==> flow/design.v <==
module sync_addsub_mod #(
    parameter integer W = 12
) (
    input  logic clk_i,
    input  logic rst_ni,
    input  logic valid,
    input  logic signed [W-1:0] arg0,
    input  logic signed [W-1:0] arg1,
    input  logic mode,
    output logic [W-1:0] q,
    output logic cy
);
    logic signed [W-1:0] arg0_reg;
    logic signed [W-1:0] arg1_reg;
    logic mode_reg;
    always_ff @(posedge clk_i or negedge rst_ni) begin
        if (!rst_ni) begin
            arg0_reg <= 0;
            arg1_reg <= 0;
            mode_reg <= 1'b0;
        end else if (valid) begin
            arg0_reg <= arg0;
            arg1_reg <= arg1;
            mode_reg <= mode;
        end
    end
    logic [W-1:0] w2;
    assign w2 = arg1_reg ^ {W{mode_reg}};
    logic [W-1:0] cur;
    assign cur = $unsigned(arg0_reg) + w2 + mode_reg;
    assign q = cur[W-1:0];
    assign cy = (arg0_reg[W-1] == w2[W-1]) && (cur[W-1] != arg0_reg[W-1]);
endmodule
# From RTL to reports: sync_addsub_mod
# The steps from the RTL of sync_addsub_mod to its reports follow in flow order.
# Line numbers count from 1 in the design file above.
# A cell with - has no value.
# design
top	sync_addsub_mod
clock	clk_i
lib	sky130hd
corner	tt_025C_1v80

# After elaboration
# Yosys after proc, flatten, opt, wreduce and memory -nomap, before mapping. Enables and synchronous resets that opt folds into registers are not counted as muxes. Memory bits, and registers merged into a memory's read port (data or address), are not among the register bits. Print and check cells are not counted. Equal cells are merged and count once.
# word_totals
mem_bits_rw	0
input_bits	28
rom_bits	0
elab_cells	9
latchBits	0
out_inout_bits	13
ff_bits	25
n_memories	0
clocked_rd_ports_x_width	0
# classes
div	0
n_mux	0
shift	0
addsub	2
n_logic	1
cmp	0
n_reduce_logical	1
mul	0
equal	2
# ops
cell	count
12-bit by 1-bit adder with 12-bit output	1
12-bit adder	1
12-bit bitwise XOR	1
1-bit == test	1
1-bit != test	1
1-bit logical AND	1

# Longest topological paths
# Depth = most cells in a row (Yosys ltp): at word level without a register or memory, in the mapped netlist without a sequential cell, where the memories' decode and read muxes count.
# logic_depth
ltp_word	5
abc_area	0
ltp_mapped	8
depth_no_buf	8

# After synthesis
# Yosys stat after the flow's synthesis: flattened, memories mapped to cells. It holds for the ABC_AREA given above (unset counts as 0); a run with the other value may have another netlist.
# The area totals of this step are shown rounded.
# types
cell	count	type_area_um2
sky130_fd_sc_hd__dfrtp_1	25	625.6
sky130_fd_sc_hd__mux2_2	19	213.955
sky130_fd_sc_hd__ha_1	10	125.12
sky130_fd_sc_hd__xor2_1	14	122.618
sky130_fd_sc_hd__xnor2_1	7	61.309
sky130_fd_sc_hd__mux2_1	5	56.304
sky130_fd_sc_hd__a21oi_1	7	35.034
sky130_fd_sc_hd__inv_1	8	30.029
sky130_fd_sc_hd__nand2_1	7	26.275
sky130_fd_sc_hd__nor2_1	7	26.275
sky130_fd_sc_hd__fa_1	1	20.019
sky130_fd_sc_hd__o21ai_0	4	20.019
sky130_fd_sc_hd__a21o_1	2	15.014
sky130_fd_sc_hd__buf_2	3	15.014
sky130_fd_sc_hd__o21a_1	2	15.014
sky130_fd_sc_hd__mux2i_2	1	13.763
sky130_fd_sc_hd__a31oi_2	1	12.512
sky130_fd_sc_hd__nand4_1	2	12.512
# Not listed: further types 15, cells in them 15.
# synth_totals
mapped_area_um2	1600
stdcells	140
buffers	4
flip_flops	25
seq_area_um2	630

# Timing after synthesis
# Path of least setup slack by OpenSTA after synthesis, without wires, with an ideal clock, recovery checks aside; 20% of the period is set as input and as output delay. Where synthesis merged equal registers, the netlist keeps one of their names.
# synth_timing
path_type	register to output
start	register mode_reg
end	output port cy
path_stages	9
arrival_ns	2.080
t_first_pin_ns	0.000
out_delay_ns	0.650
path_delay_ns	2.080
setup_slack_ns	0.520
n_path_buf	1
period_ns	3.25
required_ns	2.600
period_less_setup_slack_ns	2.73
# "path_delay_ns" is the arrival time less input delay plus setup time.
# At an output port there is no setup time.
# "path_stages": output pins that drive a net of the path, with the launching flip-flop's if there is one; two outputs of one cell count as two.
# "period_less_setup_slack_ns" = period - worst setup slack (recovery checks aside). The figure is calculated, with input and output delays left at 20% of the set period.
# The rows between start and end are the longest chain of elaborated cells between them; the timing report does not say that the signal goes this way. Where chains are equally long, one stands for them.
# A line is the first line of the expression or statement that the cell stems from. Yosys adds cells for indexed reads and writes and turns some case tables into memories.
# synth_between
cell_sequence	sky130_fd_sc_hd__dfrtp_1 -> sky130_fd_sc_hd__buf_2 -> sky130_fd_sc_hd__xor2_1 -> sky130_fd_sc_hd__ha_1 -> sky130_fd_sc_hd__nand4_1 -> sky130_fd_sc_hd__o21ai_2 -> sky130_fd_sc_hd__o211ai_2 -> sky130_fd_sc_hd__a31oi_2 -> sky130_fd_sc_hd__mux2i_1
elab_chain_len	5
cells_between	6
cone_lines	3
classes_between	2 x add/sub; 2 x eq/ne; 1 x logic; 1 x reduce/logical
# synth_rtl
item	line	rtl
start, declared	15	logic mode_reg;
start, assigned	20	mode_reg <= 1'b0;
start, assigned	24	mode_reg <= mode;
12-bit bitwise XOR	28	assign w2 = arg1_reg ^ {W{mode_reg}};
12-bit adder	30	assign cur = $unsigned(arg0_reg) + w2 + mode_reg;
12-bit by 1-bit adder with 12-bit output	30
1-bit != test	32	assign cy = (arg0_reg[W-1] == w2[W-1]) && (cur[W-1] != arg0_reg[W-1]);
1-bit logical AND	32
end, declared	11	output logic cy

# Worst path after layout
# Path of least setup slack in the final report of stored run 1 (OpenROAD, finished layout, wires in). Where an end is a register, its clock arrival counts in the times.
# layout_timing
path_type	register to output
start	register mode_reg
end	output port q[9]
period_ns	3.03
required_ns	2.42
path_stages	11
n_path_buf	3
out_delay_ns	0.61
t_first_pin_ns	0.26
setup_slack_ns	-0.08
arrival_ns	2.51
# The rows between start and end are the longest chain of elaborated cells between them; the timing report does not say that the signal goes this way. Where chains are equally long, one stands for them.
# layout_between
cell_sequence	sky130_fd_sc_hd__dfrtp_2 -> sky130_fd_sc_hd__buf_12 -> sky130_fd_sc_hd__xor2_4 -> sky130_fd_sc_hd__ha_4 -> sky130_fd_sc_hd__nand4_1 -> sky130_fd_sc_hd__o21ai_2 -> sky130_fd_sc_hd__o211ai_2 -> sky130_fd_sc_hd__buf_4 -> sky130_fd_sc_hd__a32oi_2 -> sky130_fd_sc_hd__xor2_1 -> sky130_fd_sc_hd__buf_2
elab_chain_len	3
cells_between	3
cone_lines	2
classes_between	2 x add/sub; 1 x logic
# layout_rtl
item	line	rtl
start, declared	15	logic mode_reg;
start, assigned	20	mode_reg <= 1'b0;
start, assigned	24	mode_reg <= mode;
12-bit bitwise XOR	28	assign w2 = arg1_reg ^ {W{mode_reg}};
12-bit adder	30	assign cur = $unsigned(arg0_reg) + w2 + mode_reg;
12-bit by 1-bit adder with 12-bit output	30
end, declared	10	output logic [W-1:0] q,

# Below are 3 stored runs of the flow (Yosys, OpenROAD; platform sky130hd) on sync_addsub_mod, each with its settings and what was measured, unordered. Constraints: input delay and output delay 20% of the set period each, output load 0.01 pF.
# "period_reached_ns" is the run's clock period less its worst setup slack. It is reckoned from that one timing run; input and output delays stay at 20% of the period that was set.
# By "worstPathTime_ns" is meant the share of the clock period that the worst setup path is allowed (20% is reserved at inputs, 20% at outputs), minus its slack. Clock arrival times at its registers enter into it.
# "design_power_uw": no workload was simulated; the value follows from the tool's default switching activity.
# The measured numbers are rounded.
# A setting shown as n/a is not set for that run.
run name	period_ns	CORE_UTILIZATION	SETUP_SLACK_MARGIN	PLACE_DENSITY_LB_ADDON	TNS_END_PERCENT	ABC_AREA	GPL_ROUTABILITY_DRIVEN	CTS_CLUSTER_SIZE	CTS_CLUSTER_DIAMETER	CAP_MARGIN	CORE_MARGIN	SLEW_MARGIN	CORE_ASPECT_RATIO	CELL_PAD_IN_SITES_GLOBAL_PLACEMENT	GPL_TIMING_DRIVEN	MAX_ROUTING_LAYER	period_reached_ns	worstSetupSlack_ns	synthArea_um2	worstPathTime_ns	worstPathKind	tns_ns	fin_hold_ws_ns	final_die_area_um2	design_power_uw	final_cell_area_um2	finish.utilization_pct
stored run 1	3.03	35	0.0	0.28	20	0	0	94	88	20	2	20	n/a	n/a	n/a	n/a	3.113	-0.083	1600	2.51	register to output	-0.26	0.52	5000	1400	2300	54
stored run 2	3.25	40	n/a	n/a	n/a	n/a	n/a	n/a	n/a	20	2	20	n/a	n/a	n/a	n/a	3.199	0.051	1600	2.55	register to output	0.000	0.52	4400	1200	2200	59
stored run 3	2.34	37	0.25	n/a	n/a	n/a	n/a	n/a	154	20	2	15	0.96	3	0	met5	3.040	-0.70	1600	2.57	register to output	-5.8	0.52	4800	1800	2400	57
